==> flow/design.v <==
module cpu_add_core (clk_i, i_rst, opa, opb, c0, res, cout);
  parameter integer WD = 112;
  input clk_i;
  input i_rst;
  input [WD-1:0] opa;
  input [WD-1:0] opb;
  input c0;
  output [WD-1:0] res;
  output cout;
  localparam NG = WD / 4;
  wire [WD-1:0] val;
  wire [NG:0] c;
  assign c[0] = c0;
  genvar i;
  generate
    for (i = 0; i < NG; i = i + 1) begin : blk
      la4 inst (.a(opa[4*i +: 4]), .b(opb[4*i +: 4]), .ci(c[i]), .s(val[4*i +: 4]), .co(c[i+1]));
    end
  endgenerate
  reg [WD-1:0] r_res;
  always @(posedge clk_i) begin
    if (i_rst) begin
      r_res <= 0;
    end else begin
      r_res <= val;
    end
  end
  assign res = r_res;
  reg r_cout;
  always @(posedge clk_i) begin
    if (i_rst) begin
      r_cout <= 1'b0;
    end else begin
      r_cout <= c[NG];
    end
  end
  assign cout = r_cout;
endmodule
module la4 (
  input wire [3:0] a,
  input wire [3:0] b,
  input wire ci,
  output wire [3:0] s,
  output wire co
);
  wire [3:0] g = a & b;
  wire [3:0] p = a ^ b;
  wire c1 = g[0] | (p[0] & ci);
  wire c2 = g[1] | (p[1] & g[0]) | (p[1] & p[0] & ci);
  wire c3 = g[2] | (p[2] & g[1]) | (p[2] & p[1] & g[0]) | (p[2] & p[1] & p[0] & ci);
  assign co = g[3] | (p[3] & g[2]) | (p[3] & p[2] & g[1]) | (p[3] & p[2] & p[1] & g[0]) | (&p & ci);
  assign s = p ^ {c3, c2, c1, ci};
endmodule
* From RTL to reports: cpu_add_core
Tool output for the design above, in the order of the flow. Lines are those of the file above, counted from 1. Operators: Yosys type, input widths -> output width; for muxes data width and select width s. Library cell names are shortened. Not given: --
Design: top module cpu_add_core, clock input clk_i, standard-cell library sky130hd, corner tt_025C_1v80

* Elaborated design
Counts by Yosys on the flattened word-level netlist (proc, flatten, opt, wreduce; memories kept). Register bits leave out memories and registers merged into their read ports (data or address); mux counts leave out enables and synchronous resets folded into registers. Print and check cells are left out. Cells with the same type and inputs are merged into one.
Operators by class: bitwise gates (word level) 784, reductions and logical operators 28
Operators with widths (count):
- $and 1x1->1 | 420
- $or 1x1->1 | 280
- $xor 4x4->4 | 56
- $and 4x4->4 | 28
- $reduce_and 4->1 | 28
Bit counts: bits of input ports 227, register bits after elaboration 113, word-level cells 814

* Depth
Longest topological path by Yosys (ltp), each cell counted once; first at word level (registers and memories cut), then after technology mapping (sequential cells cut; the memories' decode and read muxes count).
Logic depth: depth in word-level cells 61, ABC_AREA 0, gate-level depth with buffers 15

* Mapped cells and area
Yosys stat after the flow's synthesis: flattened, memories mapped to cells. It holds for the ABC_AREA given above (unset counts as 0); a run with the other value may have another netlist.
Cells by type:
- dfxtp_1 | count 113, total area 2262.17 um2
- ha_1 | count 112, total area 1.4E+03 um2
- fa_1 | count 28, total area 560.538 um2
- xnor2_1 | count 49, total area 429.162 um2
- nor2_1 | count 114, total area 427.91 um2
- a21oi_1 | count 58, total area 290.278 um2
- a21o_1 | count 37, total area 277.766 um2
- nor2b_1 | count 33, total area 206.448 um2
- xor2_1 | count 22, total area 192.685 um2
- nand2_1 | count 40, total area 150.144 um2
- o21ai_0 | count 28, total area 140.134 um2
- nand3_1 | count 17, total area 85.082 um2
- a211oi_1 | count 11, total area 82.579 um2
- inv_1 | count 22, total area 82.579 um2
- o21bai_1 | count 11, total area 82.579 um2
- nand4_1 | count 13, total area 81.328 um2
- nor3_1 | count 12, total area 60.058 um2
- nor3b_1 | count 7, total area 52.55 um2
Other cell types: 46; their cells: 101.
Synthesis totals: standard cells after synthesis 828, buffers 13, cell area after synthesis 7637.3 um2, mapped flip-flops 113
The figures by module come from a second, unflattened synthesis with its own total; it is not the netlist above.
Second synthesis, totals: cells (unflattened synthesis) 714, area (unflattened synthesis) 7165.6 um2
Rows give one instance, submodules left out.
Modules:
- la4 | sequential area 0.0 um2, cells 17, times used 28, area 147.6 um2
- cpu_add_core | sequential area 2262.2 um2, cells 238, times used 1, area 3031.7 um2

* Timing after synthesis
Path of least setup slack by OpenSTA after synthesis, without wires, with an ideal clock, recovery checks aside; 20% of the period is set as input and as output delay. Where synthesis merged equal registers, the netlist keeps one of their names.
Path post-synthesis: path kind input-to-reg, start input port opa[65], end register r_res[109], input delay 0.982 ns, buffers on the path 0, setup time 0.128 ns, path delay 3.144 ns, data arrival time 3.998 ns, clock period 4.91 ns, stages on the path 15, launch time at the first pin 0.982 ns, setup slack 0.785 ns, period reached after synthesis 4.125 ns
"path delay" is the arrival time less input delay plus setup time. "stages on the path" counts driving pins, that of a launching flip-flop among them; a cell with two outputs on the path counts twice. "period reached after synthesis" is the clock period less the worst setup slack; recovery checks do not enter. This is arithmetic on one report: input and output delays are still those of the set period (20% each). Between the ends stands the longest chain of elaborated cells between them, by number of cells; it is not shown to be the way that was timed. Of several equally long chains one is given. Each line given opens the expression or statement behind the cell; cells for indexed reads and writes are added by Yosys, which also makes memories of some case tables.
Between the ends, post-synthesis: cells stage by stage ha_1 a21o_1 a21o_1 a221oi_1 o21ai_1 or3_1 a31o_1 and3_4 o211ai_2 o21ai_1 a21o_1 a21o_1 fa_1 xnor2_1 nor2_1, length of the longest elaborated chain 28
RTL lines, path post-synthesis:
- from (decl) | line 5 | input [WD-1:0] opa;
- $and 4x4->4 | line 46 | wire [3:0] g = a & b;
- $and 1x1->1 | line 51 | assign co = g[3] | (p[3] & g[2]) | (p[3] & p[2] & g[1]) | (p[3] & p[2] & p[1] & g[0]) | (&p & ci);
- $or 1x1->1 (3 in a row) | line 51
- $and 1x1->1 | line 51
- $or 1x1->1 | line 51
- $and 1x1->1 | line 51
- $or 1x1->1 | line 51
- [12 not listed]
- $and 1x1->1 | line 51
- $or 1x1->1 | line 51
- $and 1x1->1 | line 51
- $or 1x1->1 | line 51
- $and 1x1->1 | line 48 | wire c1 = g[0] | (p[0] & ci);
- $or 1x1->1 | line 48
- $xor 4x4->4 | line 52 | assign s = p ^ {c3, c2, c1, ci};
- to (assign) | line 23 | r_res <= 0;
- to (assign) | line 25 | r_res <= val;
- to (decl) | line 20 | reg [WD-1:0] r_res;

* Path in the finished layout
Path of least setup slack in the final report of job 1 (OpenROAD, finished layout, wires in). Where an end is a register, its clock arrival counts in the times.
Path post-layout: path kind input-to-reg, start input port opa[74], end register r_res[109], setup slack 0.51 ns, data arrival time 4.67 ns, clock period 4.91 ns, buffers on the path 1, stages on the path 16, input delay 0.98 ns, launch time at the first pin 0.98 ns, setup time 0.14 ns
Between the ends stands the longest chain of elaborated cells between them, by number of cells; it is not shown to be the way that was timed. Of several equally long chains one is given.
Between the ends, post-layout: cells stage by stage clkdlybuf4s50_1 ha_1 a21oi_1 a21oi_1 a211oi_1 a31oi_1 or3_1 a31o_1 and3_4 o211ai_2 o21ai_1 a21o_1 a21o_1 fa_1 xnor2_1 nor2_1, length of the longest elaborated chain 25
RTL lines, path post-layout:
- from (decl) | line 5 | input [WD-1:0] opa;
- $and 4x4->4 | line 46 | wire [3:0] g = a & b;
- $and 1x1->1 | line 51 | assign co = g[3] | (p[3] & g[2]) | (p[3] & p[2] & g[1]) | (p[3] & p[2] & p[1] & g[0]) | (&p & ci);
- $or 1x1->1 (4 in a row) | line 51
- $and 1x1->1 | line 51
- $or 1x1->1 | line 51
- $and 1x1->1 | line 51
- $or 1x1->1 | line 51
- [8 not listed]
- $and 1x1->1 | line 51
- $or 1x1->1 | line 51
- $and 1x1->1 | line 51
- $or 1x1->1 | line 51
- $and 1x1->1 | line 48 | wire c1 = g[0] | (p[0] & ci);
- $or 1x1->1 | line 48
- $xor 4x4->4 | line 52 | assign s = p ^ {c3, c2, c1, ci};
- to (assign) | line 23 | r_res <= 0;
- to (assign) | line 25 | r_res <= val;
- to (decl) | line 20 | reg [WD-1:0] r_res;

Flow measurements of cpu_add_core on sky130hd: 3 stored runs with different settings, listed in no order. Input and output delays are each 20% of the period that was set; the output load is 0.01 pF.
"achieved clock period" = clock period - worst setup slack. The figure is calculated, with input and output delays left at 20% of the set period.
By "time on the worst setup path" is meant the share of the clock period that the worst setup path is allowed (20% is reserved at inputs, 20% at outputs), minus its slack. Clock arrival times at its registers enter into it.
"total power after layout" is the tool's figure for a default switching activity; nothing was simulated.

* Job 1 | settings: period_ns 4.91; CAP_MARGIN 20; CORE_MARGIN 2; CORE_UTILIZATION 40; SLEW_MARGIN 20 | results: worst setup slack after layout 0.508 ns; final setup TNS 0.000 ns; total power after layout 3610 uW; post-route utilization 64.3%; cell area after synthesis 7637.3 um2; time on the worst setup path 3.42 ns; worst setup path type input-to-reg; total die area 20215.2 um2; achieved clock period 4.402 ns
* Job 2 | settings: period_ns 7.22; CORE_UTILIZATION 27; SETUP_SLACK_MARGIN 0.86; PLACE_DENSITY 0.87; GPL_TIMING_DRIVEN 0; GPL_ROUTABILITY_DRIVEN 0; CTS_CLUSTER_SIZE 22; CTS_CLUSTER_DIAMETER 59; SLEW_MARGIN 10; CAP_MARGIN 20; CORE_MARGIN 2 | results: worst setup slack after layout 1.986 ns; final setup TNS 0.000 ns; total power after layout 2421 uW; post-route utilization 43.5%; cell area after synthesis 7637.3 um2; time on the worst setup path 3.79 ns; worst setup path type input-to-reg; total die area 29647.7 um2; achieved clock period 5.234 ns
* Job 3 | settings: period_ns 4.54; CORE_UTILIZATION 48; SETUP_SLACK_MARGIN 0.37; PLACE_DENSITY_LB_ADDON 0.17; HOLD_SLACK_MARGIN 0.14; CORE_MARGIN 3; GPL_TIMING_DRIVEN 1; MIN_ROUTING_LAYER met2; MAX_ROUTING_LAYER met5; CAP_MARGIN 20; SLEW_MARGIN 20 | results: worst setup slack after layout 0.448 ns; final setup TNS 0.000 ns; total power after layout 4080 uW; post-route utilization 83.1%; cell area after synthesis 7637.3 um2; time on the worst setup path 3.18 ns; worst setup path type input-to-reg; total die area 17461.0 um2; achieved clock period 4.092 ns
